==> flow/design.v <==
module compare (clock, rstn, d_i, mx_o);
  parameter DW = 36;
  parameter N_IN = 3;
  input clock;
  input rstn;
  input [N_IN*DW-1:0] d_i;
  output [DW-1:0] mx_o;
  reg [DW-1:0] cur;
  integer i;
  always @(*) begin
    cur = d_i[DW-1:0];
    for (i = 1; i < N_IN; i = i + 1)
      if (d_i[i*DW +: DW] > cur) cur = d_i[i*DW +: DW];
  end
  reg [DW-1:0] mx_reg;
  always @(posedge clock or negedge rstn) begin
    if (!rstn) begin
      mx_reg <= 0;
    end else begin
      mx_reg <= cur;
    end
  end
  assign mx_o = mx_reg;
endmodule
## Step by step through the tools: compare

What the tools print for compare, step after step.
Lines are those of the file above, counted from 1.
Operators carry their Yosys type and port widths (W data, S select, Z words).
A cell with n/a has no value.

| design | value |
|---|---|
| top module | compare |
| clock port | clock |
| cell library | sky130hd |
| corner | tt_025C_1v80 |

## Word-level counts

Yosys after proc, flatten, opt, wreduce and memory -nomap, before mapping. Enables and synchronous resets that opt folds into registers are not counted as muxes. Memory bits, and registers merged into a memory's read port (data or address), are not among the register bits. Print and check cells are not counted. Equal cells are merged and count once.

| bit counts | value |
|---|---|
| output and inout port bits | 36 |
| bits of input ports | 110 |
| register bits | 36 |
| elaborated cells | 5 |

| cells by class | value |
|---|---|
| muxes and demuxes | 2 |
| $lt $le $gt $ge | 2 |

Operators by type and width:

| kind | count |
|---|---|
| $gt A36 B36 Y1 | 2 |
| $mux W36 | 2 |

## Depth

Yosys ltp: most cells in a row. Word level: on the elaborated netlist, between registers, memories and ports. Mapped: between sequential cells and ports; inverters and the memories' decode and read muxes count.

| depth | value |
|---|---|
| depth after elaboration | 4 |
| ABC_AREA | 0 |
| mapped depth | 20 |
| gate-level depth less buffers | 16 |

## Synthesis result

The flow's flattened synthesis, as Yosys stat reports it; memories are mapped. The netlist is that of the ABC_AREA named above (0 if unset); the other value can give another one.
Totals and module areas in this step are rounded.

| synthesis totals | value |
|---|---|
| buffers | 8 |
| chip area (Yosys) | 0.0035 mm^2 |
| cell count | 375 |
| sequential area | 0.0009 mm^2 |
| mapped flip-flops | 36 |

Cell types:

| cell type | count | total area (um^2) |
|---|---|---|
| sky130_fd_sc_hd__dfrtp_1 | 36 | 900.864 |
| sky130_fd_sc_hd__ha_1 | 72 | 900.864 |
| sky130_fd_sc_hd__mux2i_1 | 70 | 700.672 |
| sky130_fd_sc_hd__inv_1 | 76 | 285.274 |
| sky130_fd_sc_hd__a21oi_1 | 28 | 140.134 |
| sky130_fd_sc_hd__nand4_1 | 13 | 81.328 |
| sky130_fd_sc_hd__buf_6 | 7 | 78.826 |
| sky130_fd_sc_hd__o21ai_0 | 13 | 65.062 |
| sky130_fd_sc_hd__nand2_1 | 16 | 60.058 |
| sky130_fd_sc_hd__a21o_1 | 7 | 52.55 |
| sky130_fd_sc_hd__nor2_1 | 8 | 30.029 |
| sky130_fd_sc_hd__mux2_2 | 2 | 22.522 |
| sky130_fd_sc_hd__nand3_1 | 4 | 20.019 |
| sky130_fd_sc_hd__nor3_1 | 4 | 20.019 |
| sky130_fd_sc_hd__a221oi_1 | 2 | 17.517 |
| sky130_fd_sc_hd__and4_1 | 2 | 17.517 |
| sky130_fd_sc_hd__a211oi_1 | 2 | 15.014 |
| sky130_fd_sc_hd__nor4_2 | 1 | 12.512 |

Other cell types: 12; their cells: 12.

## Worst setup path after synthesis

Path of least setup slack by OpenSTA after synthesis, without wires, with an ideal clock, recovery checks aside; 20% of the period is set as input and as output delay. Where synthesis merged equal registers, the netlist keeps one of their names.

| timing path post-synthesis | value |
|---|---|
| path kind | input port to flip-flop |
| start point | input port d_i[35] |
| end point | register mx_reg[0] |
| required time | 5.902 ns |
| path delay | 3.862 ns |
| path slack | 0.963 ns |
| time at the first pin | 1.206 ns |
| data arrival time | 4.940 ns |
| stages | 19 |
| external input delay | 1.206 ns |
| buffers on the path | 3 |
| period | 6.03 ns |
| library setup time | 0.128 ns |
| synthesis period reached | 5.067 ns |

"path delay" is the arrival time less input delay plus setup time.
"stages": output pins that drive a net of the path, with the launching flip-flop's if there is one; two outputs of one cell count as two.
"synthesis period reached" is the clock period less the worst setup slack; recovery checks do not enter. This is arithmetic on one report: input and output delays are still those of the set period (20% each).
The rows between start and end are the longest chain of elaborated cells between them; the timing report does not say that the signal goes this way. Where chains are equally long, one stands for them.
A line is the first line of the expression or statement that the cell stems from. Yosys adds cells for indexed reads and writes and turns some case tables into memories.

| on the way, post-synthesis | value |
|---|---|
| cell sequence | sky130_fd_sc_hd__inv_1 -> sky130_fd_sc_hd__ha_1 -> sky130_fd_sc_hd__nand4_1 -> sky130_fd_sc_hd__nor4_2 -> sky130_fd_sc_hd__and4_1 -> sky130_fd_sc_hd__a211oi_1 -> sky130_fd_sc_hd__a32oi_1 -> sky130_fd_sc_hd__buf_4 -> sky130_fd_sc_hd__buf_6 -> sky130_fd_sc_hd__mux2i_1 -> sky130_fd_sc_hd__ha_1 -> sky130_fd_sc_hd__nand4_1 -> sky130_fd_sc_hd__nor3_1 -> sky130_fd_sc_hd__nand2_1 -> sky130_fd_sc_hd__or4_1 -> sky130_fd_sc_hd__mux2_2 -> sky130_fd_sc_hd__o31a_1 -> sky130_fd_sc_hd__buf_6 -> sky130_fd_sc_hd__mux2_1 |
| length of the longest elaborated chain | 4 |
| elaborated cells on any way between the ends | 4 |
| source lines of those cells | 1 |
| classes of those cells | compare: 2; mux: 2 |

Ends and longest elaborated chain, post-synthesis:

| item | line | RTL |
|---|---|---|
| from (decl) | 6 | `input [N_IN*DW-1:0] d_i;` |
| $gt A36 B36 Y1 | 13 | `if (d_i[i*DW +: DW] > cur) cur = d_i[i*DW +: DW];` |
| $mux W36 | 13 |  |
| $gt A36 B36 Y1 | 13 |  |
| $mux W36 | 13 |  |
| to (assign) | 18 | `mx_reg <= 0;` |
| to (assign) | 20 | `mx_reg <= cur;` |
| to (decl) | 15 | `reg [DW-1:0] mx_reg;` |

## Worst path after layout

From the final timing report of flow run A: the path of least setup slack in the routed layout; clock arrival at registers is part of the times.

| timing path post-layout | value |
|---|---|
| path kind | input port to flip-flop |
| start point | input port d_i[31] |
| end point | register mx_reg[28] |
| period | 6.03 ns |
| path slack | 0.36 ns |
| library setup time | 0.12 ns |
| stages | 19 |
| time at the first pin | 1.21 ns |
| external input delay | 1.21 ns |
| buffers on the path | 3 |
| required time | 6.20 ns |
| data arrival time | 5.84 ns |

The rows between start and end are the longest chain of elaborated cells between them; the timing report does not say that the signal goes this way. Where chains are equally long, one stands for them.

| on the way, post-layout | value |
|---|---|
| cell sequence | sky130_fd_sc_hd__clkdlybuf4s50_1 -> sky130_fd_sc_hd__inv_1 -> sky130_fd_sc_hd__ha_1 -> sky130_fd_sc_hd__nand4_1 -> sky130_fd_sc_hd__nor4_4 -> sky130_fd_sc_hd__and4_1 -> sky130_fd_sc_hd__a211oi_1 -> sky130_fd_sc_hd__a32oi_4 -> sky130_fd_sc_hd__buf_12 -> sky130_fd_sc_hd__mux2i_1 -> sky130_fd_sc_hd__ha_1 -> sky130_fd_sc_hd__nand4_1 -> sky130_fd_sc_hd__nor3_1 -> sky130_fd_sc_hd__nand2_1 -> sky130_fd_sc_hd__or4_1 -> sky130_fd_sc_hd__mux2_2 -> sky130_fd_sc_hd__o31a_2 -> sky130_fd_sc_hd__buf_4 -> sky130_fd_sc_hd__mux2i_1 |
| length of the longest elaborated chain | 4 |
| elaborated cells on any way between the ends | 4 |
| source lines of those cells | 1 |
| classes of those cells | compare: 2; mux: 2 |

Ends and longest elaborated chain, post-layout:

| item | line | RTL |
|---|---|---|
| from (decl) | 6 | `input [N_IN*DW-1:0] d_i;` |
| $gt A36 B36 Y1 | 13 | `if (d_i[i*DW +: DW] > cur) cur = d_i[i*DW +: DW];` |
| $mux W36 | 13 |  |
| $gt A36 B36 Y1 | 13 |  |
| $mux W36 | 13 |  |
| to (assign) | 18 | `mx_reg <= 0;` |
| to (assign) | 20 | `mx_reg <= cur;` |
| to (decl) | 15 | `reg [DW-1:0] mx_reg;` |

Wiki page: compare / flow data

Module compare, platform sky130hd: 3 stored runs of the flow (Yosys, OpenROAD) with differing settings, in no particular order. Input and output delays are each 20% of the period that was set; the output load is 0.01 pF.
"reached clock period" = clock period - worst setup slack. The figure is calculated, with input and output delays left at 20% of the set period.
By "critical setup path time" is meant the share of the clock period that the worst setup path is allowed (20% is reserved at inputs, 20% at outputs), minus its slack. Clock arrival times at its registers enter into it.
By "total power after layout" is meant OpenSTA's value without simulated activity: inputs other than the clock are taken to toggle once in ten clock periods, and the tool carries that through the logic.
Results are given in rounded form.

#### Flow run A

| setting | value |
|---|---|
| period_ns | `6.03` |
| CAP_MARGIN | `20` |
| CORE_MARGIN | `2` |
| CORE_UTILIZATION | `40` |
| SLEW_MARGIN | `20` |

| result | value |
|---|---|
| netlist area reported by Yosys | 0.0035 mm^2 |
| total die area | 0.0096 mm^2 |
| std-cell area (final layout) | 0.0052 mm^2 |
| utilization | 60% |
| lowest setup slack | 0.36 ns |
| setup total negative slack | 0.000 ns |
| total power after layout | 1,000 uW |
| reached clock period | 5.672 ns |
| critical setup path time | 4.47 ns |
| critical path kind | input port to flip-flop |

#### Flow run B

| setting | value |
|---|---|
| period_ns | `3.2` |
| CORE_UTILIZATION | `58` |
| SETUP_SLACK_MARGIN | `0.45` |
| PLACE_DENSITY_LB_ADDON | `0.09` |
| CORE_ASPECT_RATIO | `0.6` |
| GPL_TIMING_DRIVEN | `1` |
| GPL_ROUTABILITY_DRIVEN | `1` |
| CAP_MARGIN | `20` |
| MAX_ROUTING_LAYER | `met5` |
| CORE_MARGIN | `2` |
| SLEW_MARGIN | `20` |

Not finished: clock tree synthesis ended with error DPL-0038.

#### Flow run C

| setting | value |
|---|---|
| period_ns | `8.6` |
| CORE_UTILIZATION | `56` |
| SETUP_SLACK_MARGIN | `-0.86` |
| PLACE_DENSITY_LB_ADDON | `0.06` |
| CORE_ASPECT_RATIO | `0.85` |
| CELL_PAD_IN_SITES_DETAIL_PLACEMENT | `1` |
| GPL_TIMING_DRIVEN | `0` |
| MAX_ROUTING_LAYER | `met5` |
| CAP_MARGIN | `20` |
| CORE_MARGIN | `2` |
| SLEW_MARGIN | `20` |

Not finished: placement ended with error DPL-0033.
